==> flow/design.v <==
module core_times #(
    parameter BITS = 5,
    parameter NUM = 3,
    parameter RES_W = 2*BITS + $clog2(NUM)
) (
    input  wire clk_i,
    input  wire aresetn,
    input  wire ce,
    input  wire [NUM*BITS-1:0] in_a,
    input  wire [NUM*BITS-1:0] in_b,
    output reg [RES_W-1:0] out_m
);
    reg [NUM*BITS-1:0] a_s;
    always @(posedge clk_i or negedge aresetn) begin
        if (~aresetn) begin
            a_s <= 0;
        end else if (ce) begin
            a_s <= in_a;
        end
    end
    reg [NUM*BITS-1:0] b_s;
    always @(posedge clk_i or negedge aresetn) begin
        if (~aresetn) begin
            b_s <= 0;
        end else if (ce) begin
            b_s <= in_b;
        end
    end
    reg [RES_W-1:0] r;
    integer n;
    always @* begin
        r = 0;
        for (n = 0; n < NUM; n = n + 1)
            r = r + a_s[n*BITS +: BITS] * b_s[n*BITS +: BITS];
    end
    always @(posedge clk_i or negedge aresetn) begin
        if (~aresetn) begin
            out_m <= 0;
        end else if (ce) begin
            out_m <= r;
        end
    end
endmodule
Wiki page: core_times / tool data

Step by step through the tools: core_times
A sweep over "BITS": the same steps for each member of the family.
The file above is the member BITS 5. Line numbers count from 1 in each member's own file.
A cell with - has no value.
Design
  design top: core_times
  clock input: clk_i
  library: sky130hd
  corner: tt_025C_1v80

Source of the members
New or changed lines of each further member against the RTL above, in its own file; lines it lacks are not shown.
New or changed lines
  BITS 6: RTL line 2  | parameter BITS = 6,
  BITS 8: RTL line 2  | parameter BITS = 8,
  BITS 10: RTL line 2  | parameter BITS = 10,
  BITS 14: RTL line 2  | parameter BITS = 14,
  BITS 16: RTL line 2  | parameter BITS = 16,

Word-level counts
Yosys after proc, flatten, opt, wreduce and memory -nomap, before mapping. Enables and synchronous resets that opt folds into registers are not counted as muxes. Memory bits, and registers merged into a memory's read port (data or address), are not among the register bits. Print and check cells are not counted. Equal cells are merged and count once.
Bit counts
  BITS 5: cells after elaboration 8, output and inout port bits 12, bits of input ports 33, flip-flop bits (word level) 42
  BITS 6: cells after elaboration 8, output and inout port bits 14, bits of input ports 39, flip-flop bits (word level) 50
  BITS 8: cells after elaboration 8, output and inout port bits 18, bits of input ports 51, flip-flop bits (word level) 66
  BITS 10: cells after elaboration 8, output and inout port bits 22, bits of input ports 63, flip-flop bits (word level) 82
  BITS 14: cells after elaboration 8, output and inout port bits 30, bits of input ports 87, flip-flop bits (word level) 114
  BITS 16: cells after elaboration 8, output and inout port bits 34, bits of input ports 99, flip-flop bits (word level) 130
Cells by class
  BITS 5: add/subtract/negate cells 2, multipliers 3
  BITS 6: add/subtract/negate cells 2, multipliers 3
  BITS 8: add/subtract/negate cells 2, multipliers 3
  BITS 10: add/subtract/negate cells 2, multipliers 3
  BITS 14: add/subtract/negate cells 2, multipliers 3
  BITS 16: add/subtract/negate cells 2, multipliers 3
Operator list (kinds with counts)
  BITS 5: 5-bit by 5-bit multiplier with 10-bit output (3); 11-bit by 10-bit adder with 12-bit output (1); 10-bit by 10-bit adder with 11-bit output (1)
  BITS 6: 6-bit by 6-bit multiplier with 12-bit output (3); 13-bit by 12-bit adder with 14-bit output (1); 12-bit by 12-bit adder with 13-bit output (1)
  BITS 8: 8-bit by 8-bit multiplier with 16-bit output (3); 17-bit by 16-bit adder with 18-bit output (1); 16-bit by 16-bit adder with 17-bit output (1)
  BITS 10: 10-bit by 10-bit multiplier with 20-bit output (3); 21-bit by 20-bit adder with 22-bit output (1); 20-bit by 20-bit adder with 21-bit output (1)
  BITS 14: 14-bit by 14-bit multiplier with 28-bit output (3); 29-bit by 28-bit adder with 30-bit output (1); 28-bit by 28-bit adder with 29-bit output (1)
  BITS 16: 16-bit by 16-bit multiplier with 32-bit output (3); 33-bit by 32-bit adder with 34-bit output (1); 32-bit by 32-bit adder with 33-bit output (1)

Depth
Yosys ltp: most cells in a row. Word level: on the elaborated netlist, between registers, memories and ports. Mapped: between sequential cells and ports; inverters and the memories' decode and read muxes count.
Depth
  BITS 5: depth after elaboration 3, ABC_AREA 0, depth in mapped cells 19, mapped depth without buffers 19
  BITS 6: depth after elaboration 3, ABC_AREA 0, depth in mapped cells 18, mapped depth without buffers 17
  BITS 8: depth after elaboration 3, ABC_AREA 0, depth in mapped cells 23, mapped depth without buffers 21
  BITS 10: depth after elaboration 3, ABC_AREA 0, depth in mapped cells 24, mapped depth without buffers 23
  BITS 14: depth after elaboration 3, ABC_AREA 0, depth in mapped cells 28, mapped depth without buffers 26
  BITS 16: depth after elaboration 3, ABC_AREA 0, depth in mapped cells 28, mapped depth without buffers 25

Netlist
Yosys stat after the flow's synthesis: flattened, memories mapped to cells. It holds for the ABC_AREA given above (unset counts as 0); a run with the other value may have another netlist.
Totals and module areas in this step are rounded.
Cells by type (type and count)
  BITS 5: sky130_fd_sc_hd__fa_1 (56); sky130_fd_sc_hd__dfrtp_1 (42); sky130_fd_sc_hd__ha_1 (44); sky130_fd_sc_hd__mux2_2 (35); sky130_fd_sc_hd__and2_1 (53); sky130_fd_sc_hd__inv_1 (70); sky130_fd_sc_hd__nand2_1 (25); sky130_fd_sc_hd__o21ai_0 (7); sky130_fd_sc_hd__o21a_1 (4); sky130_fd_sc_hd__buf_2 (5); sky130_fd_sc_hd__a21oi_1 (4); sky130_fd_sc_hd__a2111oi_2 (1); sky130_fd_sc_hd__a211oi_1 (2); sky130_fd_sc_hd__a21o_1 (2); sky130_fd_sc_hd__nand3b_1 (2); sky130_fd_sc_hd__nor3_1 (3); sky130_fd_sc_hd__a211oi_2 (1); sky130_fd_sc_hd__nor2b_1 (2); (+24)
  BITS 6: sky130_fd_sc_hd__fa_1 (85); sky130_fd_sc_hd__dfrtp_1 (50); sky130_fd_sc_hd__ha_1 (53); sky130_fd_sc_hd__mux2_2 (42); sky130_fd_sc_hd__inv_1 (115); sky130_fd_sc_hd__and2_1 (57); sky130_fd_sc_hd__nand2_1 (60); sky130_fd_sc_hd__a21oi_1 (9); sky130_fd_sc_hd__buf_2 (8); sky130_fd_sc_hd__o21ai_0 (7); sky130_fd_sc_hd__a211oi_2 (2); sky130_fd_sc_hd__a211oi_1 (3); sky130_fd_sc_hd__nand3_1 (4); sky130_fd_sc_hd__nor2_1 (5); sky130_fd_sc_hd__o2bb2ai_1 (2); sky130_fd_sc_hd__xnor2_1 (2); sky130_fd_sc_hd__a21o_1 (2); sky130_fd_sc_hd__o211ai_1 (2); (+28)
  BITS 8: sky130_fd_sc_hd__fa_1 (161); sky130_fd_sc_hd__dfrtp_1 (66); sky130_fd_sc_hd__ha_1 (99); sky130_fd_sc_hd__inv_1 (235); sky130_fd_sc_hd__and2_1 (124); sky130_fd_sc_hd__mux2_2 (56); sky130_fd_sc_hd__nand2_1 (81); sky130_fd_sc_hd__a21oi_1 (11); sky130_fd_sc_hd__clkbuf_1 (12); sky130_fd_sc_hd__xnor2_1 (5); sky130_fd_sc_hd__mux2i_1 (4); sky130_fd_sc_hd__nor2_1 (8); sky130_fd_sc_hd__buf_2 (5); sky130_fd_sc_hd__nand4_1 (4); sky130_fd_sc_hd__nor3_1 (5); sky130_fd_sc_hd__a211oi_1 (3); sky130_fd_sc_hd__a21o_1 (3); sky130_fd_sc_hd__o31ai_1 (3); (+45)
  BITS 10: sky130_fd_sc_hd__fa_1 (261); sky130_fd_sc_hd__dfrtp_1 (82); sky130_fd_sc_hd__ha_1 (139); sky130_fd_sc_hd__and2_1 (211); sky130_fd_sc_hd__inv_1 (337); sky130_fd_sc_hd__mux2_2 (72); sky130_fd_sc_hd__nand2_1 (107); sky130_fd_sc_hd__clkbuf_1 (68); sky130_fd_sc_hd__a21oi_1 (14); sky130_fd_sc_hd__a21o_1 (9); sky130_fd_sc_hd__xnor2_1 (6); sky130_fd_sc_hd__xor2_1 (6); sky130_fd_sc_hd__mux2i_1 (4); sky130_fd_sc_hd__o21ai_0 (8); sky130_fd_sc_hd__a211oi_1 (4); sky130_fd_sc_hd__nor2_1 (8); sky130_fd_sc_hd__o21ai_1 (6); sky130_fd_sc_hd__a211oi_2 (2); (+49)
  BITS 14: sky130_fd_sc_hd__fa_1 (535); sky130_fd_sc_hd__dfrtp_1 (114); sky130_fd_sc_hd__ha_1 (219); sky130_fd_sc_hd__inv_1 (635); sky130_fd_sc_hd__and2_1 (354); sky130_fd_sc_hd__mux2_2 (101); sky130_fd_sc_hd__nand2_1 (257); sky130_fd_sc_hd__clkbuf_1 (98); sky130_fd_sc_hd__xnor2_1 (16); sky130_fd_sc_hd__a21oi_1 (23); sky130_fd_sc_hd__nor2_1 (22); sky130_fd_sc_hd__a21o_1 (8); sky130_fd_sc_hd__o21ai_0 (11); sky130_fd_sc_hd__o21a_1 (7); sky130_fd_sc_hd__nand3_1 (9); sky130_fd_sc_hd__nand4_1 (7); sky130_fd_sc_hd__xor2_1 (4); sky130_fd_sc_hd__a2111oi_4 (1); (+66)
  BITS 16: sky130_fd_sc_hd__fa_1 (707); sky130_fd_sc_hd__ha_1 (282); sky130_fd_sc_hd__dfrtp_1 (130); sky130_fd_sc_hd__inv_1 (844); sky130_fd_sc_hd__and2_1 (482); sky130_fd_sc_hd__mux2_2 (126); sky130_fd_sc_hd__nand2_1 (314); sky130_fd_sc_hd__clkbuf_1 (118); sky130_fd_sc_hd__xnor2_1 (20); sky130_fd_sc_hd__a21oi_1 (33); sky130_fd_sc_hd__o21ai_0 (20); sky130_fd_sc_hd__xor2_1 (9); sky130_fd_sc_hd__nor2_1 (18); sky130_fd_sc_hd__a21o_1 (6); sky130_fd_sc_hd__nand4_1 (7); sky130_fd_sc_hd__o211a_1 (4); sky130_fd_sc_hd__o31ai_1 (5); sky130_fd_sc_hd__a41oi_2 (2); (+60)
A list marked (+n) leaves out that many cells.
Mapped netlist
  BITS 5: flip-flop cells 42, synthesis area 0.004185 mm², area of sequential cells 0.001051 mm², buffers 7, standard cells after synthesis 382
  BITS 6: flip-flop cells 50, synthesis area 0.005583 mm², area of sequential cells 0.001251 mm², buffers 9, standard cells after synthesis 536
  BITS 8: flip-flop cells 66, synthesis area 0.009395 mm², area of sequential cells 0.001652 mm², buffers 22, standard cells after synthesis 930
  BITS 10: flip-flop cells 82, synthesis area 0.01388 mm², area of sequential cells 0.002052 mm², buffers 71, standard cells after synthesis 1393
  BITS 14: flip-flop cells 114, synthesis area 0.02455 mm², area of sequential cells 0.002853 mm², buffers 103, standard cells after synthesis 2487
  BITS 16: flip-flop cells 130, synthesis area 0.03142 mm², area of sequential cells 0.003253 mm², buffers 121, standard cells after synthesis 3187

Worst setup path after synthesis
OpenSTA on the mapped netlist: ideal clock, no wires. The path of least setup slack (recovery checks aside). Input and output delay are each 20% of the period. Register names are those of the netlist, which keeps one name where synthesis merged equal registers.
Path post-synthesis
  BITS 5: path type register to register, from register b_s[0], to register out_m[8], path slack 1.229 ns, path delay 4.892 ns, period 6.12 ns, stages on the path 15, synthesis period reached 4.891 ns
  BITS 6: path type register to register, from register a_s[17], to register out_m[10], path slack 1.202 ns, path delay 4.818 ns, period 6.02 ns, stages on the path 17, synthesis period reached 4.818 ns
  BITS 8: path type register to register, from register a_s[21], to register out_m[17], path slack 1.423 ns, path delay 5.697 ns, period 7.12 ns, stages on the path 20, synthesis period reached 5.697 ns
  BITS 10: path type register to register, from register a_s[4], to register out_m[17], path slack 1.590 ns, path delay 6.370 ns, period 7.96 ns, stages on the path 22, synthesis period reached 6.37 ns
  BITS 14: path type register to register, from register b_s[6], to register out_m[25], path slack 1.723 ns, path delay 6.877 ns, period 8.6 ns, stages on the path 26, synthesis period reached 6.877 ns
  BITS 16: path type register to register, from register b_s[3], to register out_m[31], path slack 1.831 ns, path delay 7.329 ns, period 9.16 ns, stages on the path 26, synthesis period reached 7.329 ns
"path delay" is the arrival time less input delay plus setup time.
"stages on the path": output pins that drive a net of the path, with the launching flip-flop's if there is one; two outputs of one cell count as two.
"synthesis period reached" is the clock period less the worst setup slack; recovery checks do not enter. This is arithmetic on one report: input and output delays are still those of the set period (20% each).
Between the ends stands the longest chain of elaborated cells between them, by number of cells; it is not shown to be the way that was timed. Of several equally long chains one is given.
Each line given opens the expression or statement behind the cell; cells for indexed reads and writes are added by Yosys, which also makes memories of some case tables.
Between the ends, post-synthesis, BITS 5
  cells in the longest elaborated chain: 3
RTL lines, path post-synthesis, BITS 5
  start, declared: RTL line 21  | reg [NUM*BITS-1:0] b_s;
  start, assigned: RTL line 24  | b_s <= 0;
  start, assigned: RTL line 26  | b_s <= in_b;
  5-bit by 5-bit multiplier with 10-bit output: RTL line 34  | r = r + a_s[n*BITS +: BITS] * b_s[n*BITS +: BITS];
  10-bit by 10-bit adder with 11-bit output: RTL line 34
  11-bit by 10-bit adder with 12-bit output: RTL line 34
  end, assigned: RTL line 38  | out_m <= 0;
  end, assigned: RTL line 40  | out_m <= r;
  end, declared: RTL line 11  | output reg [RES_W-1:0] out_m
Between the ends, post-synthesis, BITS 16
  cells in the longest elaborated chain: 3
RTL lines, path post-synthesis, BITS 16
  start, declared: RTL line 21  | reg [NUM*BITS-1:0] b_s;
  start, assigned: RTL line 24  | b_s <= 0;
  start, assigned: RTL line 26  | b_s <= in_b;
  16-bit by 16-bit multiplier with 32-bit output: RTL line 34  | r = r + a_s[n*BITS +: BITS] * b_s[n*BITS +: BITS];
  32-bit by 32-bit adder with 33-bit output: RTL line 34
  33-bit by 32-bit adder with 34-bit output: RTL line 34
  end, assigned: RTL line 38  | out_m <= 0;
  end, assigned: RTL line 40  | out_m <= r;
  end, declared: RTL line 11  | output reg [RES_W-1:0] out_m

Path in the finished layout
From the final timing report of the run of each member: the path of least setup slack in the routed layout; clock arrival at registers is part of the times.
Path post-layout
  BITS 5: path type register to register, from register a_s[12], to register out_m[11], path buffers 0, stages on the path 18, path slack 0.87 ns, period 6.12 ns, arrival 5.45 ns
  BITS 6: path type register to register, from register a_s[17], to register out_m[11], path buffers 0, stages on the path 17, path slack 0.88 ns, period 6.02 ns, arrival 5.35 ns
  BITS 8: path type register to register, from register a_s[7], to register out_m[15], path buffers 0, stages on the path 19, path slack 0.86 ns, period 7.12 ns, arrival 6.53 ns
  BITS 10: path type register to register, from register b_s[22], to register out_m[17], path buffers 0, stages on the path 21, path slack 1.15 ns, period 7.96 ns, arrival 7.05 ns
  BITS 14: path type register to register, from register a_s[38], to register out_m[25], path buffers 0, stages on the path 24, path slack 0.91 ns, period 8.6 ns, arrival 8.07 ns
  BITS 16: path type register to register, from register b_s[23], to register out_m[32], path buffers 0, stages on the path 24, path slack 0.90 ns, period 9.16 ns, arrival 8.63 ns

Flow runs
One run of the flow (Yosys, OpenROAD) for each member, with settings and measured results. Input and output delays are each 20% of the period that was set; the output load is 0.01 pF.
Flow settings
  CAP_MARGIN: 20
  CORE_MARGIN: 2
  CORE_UTILIZATION: 40
  SLEW_MARGIN: 20
Settings that differ (period_ns)
  BITS 5: 6.12
  BITS 6: 6.02
  BITS 8: 7.12
  BITS 10: 7.96
  BITS 14: 8.6
  BITS 16: 9.16
Measured results
  BITS 5: chip area in the Yosys report 0.004185 mm², setup slack of the worst path 0.870 ns, standard-cell area after routing 0.004843 mm², utilization of the finished layout 47.3%, total negative slack on setup checks 0.000 ns, die footprint 0.0113 mm², worst-case hold slack 0.498 ns, reached clock period 5.250 ns
  BITS 6: chip area in the Yosys report 0.005583 mm², setup slack of the worst path 0.878 ns, standard-cell area after routing 0.006422 mm², utilization of the finished layout 46.6%, total negative slack on setup checks 0.000 ns, die footprint 0.01492 mm², worst-case hold slack 0.490 ns, reached clock period 5.142 ns
  BITS 8: chip area in the Yosys report 0.009395 mm², setup slack of the worst path 0.856 ns, standard-cell area after routing 0.01064 mm², utilization of the finished layout 45.8%, total negative slack on setup checks 0.000 ns, die footprint 0.02473 mm², worst-case hold slack 0.482 ns, reached clock period 6.264 ns
  BITS 10: chip area in the Yosys report 0.01388 mm², setup slack of the worst path 1.152 ns, standard-cell area after routing 0.01533 mm², utilization of the finished layout 44.6%, total negative slack on setup checks 0.000 ns, die footprint 0.03622 mm², worst-case hold slack 0.490 ns, reached clock period 6.808 ns
  BITS 14: chip area in the Yosys report 0.02455 mm², setup slack of the worst path 0.911 ns, standard-cell area after routing 0.02692 mm², utilization of the finished layout 44.5%, total negative slack on setup checks 0.000 ns, die footprint 0.06338 mm², worst-case hold slack 0.507 ns, reached clock period 7.689 ns
  BITS 16: chip area in the Yosys report 0.03142 mm², setup slack of the worst path 0.902 ns, standard-cell area after routing 0.03434 mm², utilization of the finished layout 44.3%, total negative slack on setup checks 0.000 ns, die footprint 0.0808 mm², worst-case hold slack 0.506 ns, reached clock period 8.258 ns
"reached clock period": clock period set for the run, less the worst setup slack. It is reckoned from that one timing run; input and output delays stay at 20% of the period that was set.
The measured numbers are rounded.
